==> flow/design.v <==
module alu_add_core_blk #(
   parameter integer W = 5
) (
   input  clk,
   input  [W-1:0] rs1,
   input  [W-1:0] rs2,
   input  cin,
   output reg [W-1:0] total,
   output reg cy
);
   reg [W-1:0] rs1_d1;
   reg [W-1:0] rs2_d1;
   reg cin_d1;
   wire [W:0] cur;
   assign cur = rs1_d1 + rs2_d1 + cin_d1;
   always @(posedge clk) begin
      rs1_d1 <= rs1;
      rs2_d1 <= rs2;
      cin_d1 <= cin;
      total <= cur[W-1:0];
      cy <= cur[W];
   end
endmodule
# Reports on alu_add_core_blk
# Tool output for the design above, in the order of the flow.
# Lines are those of the file above, counted from 1.
# Library cell names are shortened.
# Not given: --
# design
design	alu_add_core_blk
clk_port	clk
lib	sky130hd
lib_corner	tt_025C_1v80

# Word-level counts
# Yosys after proc, flatten, opt, wreduce and memory -nomap, before mapping. Enables and synchronous resets that opt folds into registers are not counted as muxes. Memory bits, and registers merged into a memory's read port (data or address), are not among the register bits. Print and check cells are not counted. Equal cells are merged and count once.
# classes
addsub	2
mul	0
n_div	0
n_cmp	0
n_eq	0
n_shift	0
n_mux	0
logic	0
reduce_logical	0
# ops
cell	count
5-bit by 5-bit adder with 6-bit output	1
6-bit by 1-bit adder with 6-bit output	1
# word_totals
ff_bits	17
latch_bits	0
ram_bits	0
rom_bits	0
clocked_rd_ports_x_width	0
memories	0
in_bits	12
out_inout_bits	6
word_cells	7

# Longest topological paths
# Longest topological path by Yosys (ltp), each cell counted once; first at word level (registers and memories cut), then after technology mapping (sequential cells cut; the memories' decode and read muxes count).
# logic_depth
word_depth	2
abc_area	0
ltp_mapped	7
ltp_nobuf	7

# After synthesis
# The flow's flattened synthesis, as Yosys stat reports it; memories are mapped. The netlist is that of the ABC_AREA named above (0 if unset); the other value can give another one.
# Totals and module areas in this step are rounded.
# types
cell	count	type_area_um2
dfxtp_1	17	340.326
ha_1	4	50.048
fa_1	2	40.038
inv_1	5	18.768
xnor2_1	2	17.517
a21oi_1	2	10.01
o21ai_2	1	8.758
xor2_1	1	8.758
a21o_1	1	7.507
nor2_1	2	7.507
o211ai_1	1	7.507
nor2b_1	1	6.256
or2_1	1	6.256
or2_2	1	6.256
# mapped
mapped_cells	41
synth_area_um2	536
sequential_area_um2	340
flip_flops	17
n_buf	0

# Timing after synthesis
# Path of least setup slack by OpenSTA after synthesis, without wires, with an ideal clock, recovery checks aside; 20% of the period is set as input and as output delay. Where synthesis merged equal registers, the netlist keeps one of their names.
# synth_timing
kind	reg-to-reg
start	register rs1_d1[0]
end	register total[4]
period_ps	1850
setup_time_ps	72
t_arrival_ps	1407
required_ps	1778
slack_ps	371
path_delay_ps	1479
path_stages	8
path_buffers	0
period_less_setup_slack_ps	1479
# "path_delay_ps" is the arrival time less input delay plus setup time.
# "path_stages": output pins that drive a net of the path, with the launching flip-flop's if there is one; two outputs of one cell count as two.
# "period_less_setup_slack_ps" = period - worst setup slack (recovery checks aside). The figure is calculated, with input and output delays left at 20% of the set period.
# The rows between start and end are the longest chain of elaborated cells between them; the timing report does not say that the signal goes this way. Where chains are equally long, one stands for them.
# A line is the first line of the expression or statement that the cell stems from. Yosys adds cells for indexed reads and writes and turns some case tables into memories.
# synth_via
cell_sequence	dfxtp_1 -> inv_1 -> fa_1 -> inv_1 -> fa_1 -> a21o_1 -> a21oi_1 -> xnor2_1
elab_chain_len	2
# synth_lines
item	line_no	source
start, declared	11	reg [W-1:0] rs1_d1;
start, assigned	17	rs1_d1 <= rs1;
5-bit by 5-bit adder with 6-bit output	15	assign cur = rs1_d1 + rs2_d1 + cin_d1;
6-bit by 1-bit adder with 6-bit output	15
end, assigned	20	total <= cur[W-1:0];
end, declared	8	output reg [W-1:0] total,

# Worst path after layout
# From the final timing report of flow run A: the path of least setup slack in the routed layout; clock arrival at registers is part of the times.
# The path's times are printed in steps of 10 ps; the period is the one set.
# layout_timing
kind	reg-to-reg
start	register rs1_d1[0]
end	register total[4]
period_ps	1810
setup_time_ps	60
t_arrival_ps	1650
required_ps	2020
slack_ps	380
path_stages	8
path_buffers	0
# The rows between start and end are the longest chain of elaborated cells between them; the timing report does not say that the signal goes this way. Where chains are equally long, one stands for them.
# layout_via
cell_sequence	dfxtp_2 -> inv_2 -> fa_2 -> inv_2 -> fa_2 -> a21o_1 -> a21oi_2 -> xnor2_1
elab_chain_len	2
# layout_lines
item	line_no	source
start, declared	11	reg [W-1:0] rs1_d1;
start, assigned	17	rs1_d1 <= rs1;
5-bit by 5-bit adder with 6-bit output	15	assign cur = rs1_d1 + rs2_d1 + cin_d1;
6-bit by 1-bit adder with 6-bit output	15
end, assigned	20	total <= cur[W-1:0];
end, declared	8	output reg [W-1:0] total,

# Stored flow runs of alu_add_core_blk (3 of them; Yosys, OpenROAD, sky130hd). They differ in their settings and are not a sequence. Constraints: input delay and output delay 20% of the set period each, output load 0.01 pF.
# "achieved_clock_period_ps" is the run's clock period less its worst setup slack. It is reckoned from that one timing run; input and output delays stay at 20% of the period that was set.
# "worst_path_allowed_less_slack_ps" is the time allowed to the run's worst setup path (the clock period less input and output delay, where it has them) less its slack. Clock arrival times count: a late capture clock shortens it, a late launch clock lengthens it.
# "totalPower_w" is the tool's figure for a default switching activity; nothing was simulated.
# "worst_path_allowed_less_slack_ps" is given in steps of 10 ps.
# The results are shown rounded.
# Among the settings, -- means not set for that run.
# A result given as -- is not shown for that run.
run	period_ns	CORE_UTILIZATION	SETUP_SLACK_MARGIN	CORE_MARGIN	CELL_PAD_IN_SITES_GLOBAL_PLACEMENT	CELL_PAD_IN_SITES_DETAIL_PLACEMENT	TNS_END_PERCENT	ABC_AREA	GPL_ROUTABILITY_DRIVEN	CTS_CLUSTER_SIZE	CAP_MARGIN	SLEW_MARGIN	PLACE_DENSITY_LB_ADDON	GPL_TIMING_DRIVEN	CTS_CLUSTER_DIAMETER	achieved_clock_period_ps	hold_worst_slack_ps	tns_setup_ps	synth_area_um2	layout_stdcell_area_um2	worstSetupSlack_ps	die_um2	worst_path_allowed_less_slack_ps	critical_path_kind	finalUtil_frac	totalPower_w
flow run A	1.81	28	0.48	5	3	0	100	0	0	37	0	20	--	--	--	1434	511	0	536	790	376	2890	1430	reg-to-reg	0.448	0.000751
flow run B	1.32	69	--	10	--	--	--	--	1	--	20	20	0.29	1	353	--	--	--	--	--	--	--	--	--	--	--
flow run C	1.85	40	--	2	--	--	--	--	--	--	20	20	--	--	--	1591	524	0	536	751	259	1650	1590	reg-to-reg	0.592	0.000734
# Flow run B: no final report: floorplanning broke off with PDN-0185
